==> flow/design.v <==
module gen_arith_add_rtl #(
    parameter integer WD = 72
) (
    input  logic core_clk,
    input  logic srst,
    input  logic step,
    input  logic [WD-1:0] u,
    input  logic [WD-1:0] v,
    input  logic cy_in,
    output logic [WD-1:0] res,
    output logic cy
);
    logic [WD-1:0] t;
    logic c;
    always_comb begin
        c = cy_in;
        for (int i = 0; i < WD; i++) begin
            t[i] = u[i] ^ v[i] ^ c;
            c = (u[i] & v[i]) | (c & (u[i] | v[i]));
        end
    end
    always_ff @(posedge core_clk or posedge srst) begin
        if (srst) begin
            res <= '0;
        end else if (step) begin
            res <= t;
        end
    end
    always_ff @(posedge core_clk or posedge srst) begin
        if (srst) begin
            cy <= 1'b0;
        end else if (step) begin
            cy <= c;
        end
    end
endmodule
From RTL to reports: gen_arith_add_rtl
What the tools print for gen_arith_add_rtl, step after step.
Lines are those of the file above, counted from 1.
Cell names lack the library's common part.
A cell with - has no value.
Design
  top module: gen_arith_add_rtl
  clock port: core_clk
  standard-cell library: sky130hd
  library corner: tt_025C_1v80

Word-level counts
Counts by Yosys on the flattened word-level netlist (proc, flatten, opt, wreduce; memories kept). Register bits leave out memories and registers merged into their read ports (data or address); mux counts leave out enables and synchronous resets folded into registers. Print and check cells are left out. Cells with the same type and inputs are merged into one.
Cells by class
  bitwise gates (word level): 432
Operators with widths (count)
  1-bit bitwise AND: 144
  1-bit OR: 144
  1-bit bitwise XOR: 144
Storage and ports
  register bits after elaboration: 73
  input port bits: 148
  output and inout port bits: 73
  word-level cells: 434

Depth
Depth = most cells in a row (Yosys ltp): at word level without a register or memory, in the mapped netlist without a sequential cell, where the memories' decode and read muxes count.
Depth
  depth after elaboration: 145
  ABC_AREA: 0
  mapped depth: 76
  mapped depth without buffers: 76

Synthesis result
Yosys stat after the flow's synthesis: flattened, memories mapped to cells. It holds for the ABC_AREA given above (unset counts as 0); a run with the other value may have another netlist.
The area totals of this step are shown rounded.
Synthesis totals
  cells in the netlist: 237
  synthesis area: 4184 um^2
  mapped flip-flops: 73
  buffers: 8
Cells by type (count)
  dfrtp_1: 73
  fa_1: 72
  mux2_2: 36
  mux2_1: 34
  buf_6: 5
  inv_1: 8
  a21oi_1: 3
  buf_2: 3
  nor2_1: 3

Worst setup path after synthesis
OpenSTA on the mapped netlist: ideal clock, no wires. The path of least setup slack (recovery checks aside). Input and output delay are each 20% of the period. Register names are those of the netlist, which keeps one name where synthesis merged equal registers.
Timing post-synthesis
  path kind: input-to-reg
  from: input u[0]
  to: register res[71]
  period: 42900 ps
  external input delay: 8580 ps
  launch time at the first pin: 8580 ps
  arrival time: 35989 ps
  path slack: 6834 ps
  path delay: 27486 ps
  driving pins on the path: 76
  path buffers: 0
  period reached after synthesis: 36066 ps
"path delay" is the arrival time less input delay plus setup time.
"driving pins on the path" counts driving pins, that of a launching flip-flop among them; a cell with two outputs on the path counts twice.
"period reached after synthesis" is the clock period less the worst setup slack; recovery checks do not enter. This is arithmetic on one report: input and output delays are still those of the set period (20% each).
The rows between start and end are the longest chain of elaborated cells between them; the timing report does not say that the signal goes this way. Where chains are equally long, one stands for them.
A line is the first line of the expression or statement that the cell stems from. Yosys adds cells for indexed reads and writes and turns some case tables into memories.
On the way, post-synthesis
  cell sequence: fa_1 -> fa_1 -> fa_1 -> fa_1 -> fa_1 -> fa_1 -> fa_1 -> fa_1 -> fa_1 -> fa_1 -> fa_1 -> fa_1 -> fa_1 -> fa_1 -> fa_1 -> fa_1 -> fa_1 -> fa_1 -> (+40 left out) -> fa_1 -> fa_1 -> fa_1 -> fa_1 -> fa_1 -> fa_1 -> fa_1 -> fa_1 -> fa_1 -> fa_1 -> fa_1 -> inv_1 -> fa_1 -> inv_1 -> fa_1 -> inv_1 -> fa_1 -> a21oi_1
  length of the longest elaborated chain: 144
  elaborated cells between the ends (all ways): 145
  RTL lines with such cells: 2
  those cells by class: logic: 145
RTL lines, path post-synthesis
  start, declared: RTL line 7  | input  logic [WD-1:0] u,
  1-bit OR: RTL line 19  | c = (u[i] & v[i]) | (c & (u[i] | v[i]));
  1-bit bitwise AND: RTL line 19
  1-bit OR: RTL line 19
  1-bit bitwise AND: RTL line 19
  1-bit OR: RTL line 19
  1-bit bitwise AND: RTL line 19
  1-bit OR: RTL line 19
  (+130 left out)
  1-bit bitwise AND: RTL line 19
  1-bit OR: RTL line 19
  1-bit bitwise AND: RTL line 19
  1-bit OR: RTL line 19
  1-bit bitwise AND: RTL line 19
  1-bit OR: RTL line 19
  1-bit bitwise XOR: RTL line 18  | t[i] = u[i] ^ v[i] ^ c;
  end, assigned: RTL line 24  | res <= '0;
  end, assigned: RTL line 26  | res <= t;
  end, declared: RTL line 10  | output logic [WD-1:0] res,

Timing after layout
Path of least setup slack in the final report of entry A (OpenROAD, finished layout, wires in). Where an end is a register, its clock arrival counts in the times.
The report prints the path's times to 10 ps; the period is as set.
Timing post-layout
  path kind: input-to-reg
  from: input u[0]
  to: register res[71]
  period: 42900 ps
  external input delay: 8580 ps
  launch time at the first pin: 8580 ps
  arrival time: 37500 ps
  path slack: 5650 ps
  driving pins on the path: 77
  path buffers: 1
The rows between start and end are the longest chain of elaborated cells between them; the timing report does not say that the signal goes this way. Where chains are equally long, one stands for them.
On the way, post-layout
  cell sequence: clkdlybuf4s50_1 -> fa_1 -> fa_1 -> fa_1 -> fa_1 -> fa_1 -> fa_1 -> fa_1 -> fa_1 -> fa_1 -> fa_1 -> fa_1 -> fa_1 -> fa_1 -> fa_1 -> fa_1 -> fa_1 -> fa_1 -> (+41 left out) -> fa_1 -> fa_1 -> fa_1 -> fa_1 -> fa_1 -> fa_1 -> fa_1 -> fa_1 -> fa_1 -> fa_1 -> fa_1 -> inv_1 -> fa_1 -> inv_1 -> fa_1 -> inv_1 -> fa_1 -> a21oi_1
  length of the longest elaborated chain: 144
  elaborated cells between the ends (all ways): 145
  RTL lines with such cells: 2
  those cells by class: logic: 145
RTL lines, path post-layout
  start, declared: RTL line 7  | input  logic [WD-1:0] u,
  1-bit OR: RTL line 19  | c = (u[i] & v[i]) | (c & (u[i] | v[i]));
  1-bit bitwise AND: RTL line 19
  1-bit OR: RTL line 19
  1-bit bitwise AND: RTL line 19
  1-bit OR: RTL line 19
  1-bit bitwise AND: RTL line 19
  1-bit OR: RTL line 19
  (+130 left out)
  1-bit bitwise AND: RTL line 19
  1-bit OR: RTL line 19
  1-bit bitwise AND: RTL line 19
  1-bit OR: RTL line 19
  1-bit bitwise AND: RTL line 19
  1-bit OR: RTL line 19
  1-bit bitwise XOR: RTL line 18  | t[i] = u[i] ^ v[i] ^ c;
  end, assigned: RTL line 24  | res <= '0;
  end, assigned: RTL line 26  | res <= t;
  end, declared: RTL line 10  | output logic [WD-1:0] res,

Ticket comment

Top module gen_arith_add_rtl; platform sky130hd; tools Yosys and OpenROAD; 3 stored runs in no particular order. Input and output delays are each 20% of the period that was set; the output load is 0.01 pF.
"reached clock period" is the run's clock period less its worst setup slack. It is reckoned from that one timing run; input and output delays stay at 20% of the period that was set.
"allowed time less slack (worst setup path)": the worst setup path's part of the clock period (all of it between registers, 20% less for each end at a port) less its slack. A launch clock that arrives late makes it longer, a capture clock that arrives late makes it shorter.
"power consumption": no workload was simulated; the value follows from the tool's default switching activity.
"allowed time less slack (worst setup path)" is given in steps of 10 ps.
Values from the reports are rounded here.

==> entry A: settings <==
{ "period_ns": 42.9, "CAP_MARGIN": 20, "CORE_MARGIN": 2, "CORE_UTILIZATION": 40, "SLEW_MARGIN": 20 }
==> entry A: results <==
chip area in the Yosys report: 4184 um^2
full die area: 11290 um^2
std-cell area (final layout): 6646 um^2
utilization of the finished layout: 0.65
setup slack of the worst path: 5647 ps
total negative slack: 0 ps
post-route worst hold slack: 484 ps
power consumption: 232.7 uW
reached clock period: 37253 ps
allowed time less slack (worst setup path): 28670 ps
critical path kind: input-to-reg

==> entry B: settings <==
{ "period_ns": 62.7, "CORE_UTILIZATION": 71, "SETUP_SLACK_MARGIN": 5.0, "CELL_PAD_IN_SITES_GLOBAL_PLACEMENT": 0, "CELL_PAD_IN_SITES_DETAIL_PLACEMENT": 0, "TNS_END_PERCENT": 100, "GPL_TIMING_DRIVEN": 0, "CAP_MARGIN": 35, "SLEW_MARGIN": 40, "MIN_ROUTING_LAYER": "met2", "CORE_MARGIN": 2 }
==> entry B: results <==
no results, placement failed with GPL-0301

==> entry C: settings <==
{ "period_ns": 39.4, "CORE_UTILIZATION": 64, "SETUP_SLACK_MARGIN": -2.0, "PLACE_DENSITY_LB_ADDON": 0.01, "CORE_MARGIN": 3, "CELL_PAD_IN_SITES_GLOBAL_PLACEMENT": 3, "CTS_CLUSTER_SIZE": 35, "CTS_CLUSTER_DIAMETER": 289, "CAP_MARGIN": 20, "SLEW_MARGIN": 20 }
==> entry C: results <==
no results, placement failed with FLW-0024
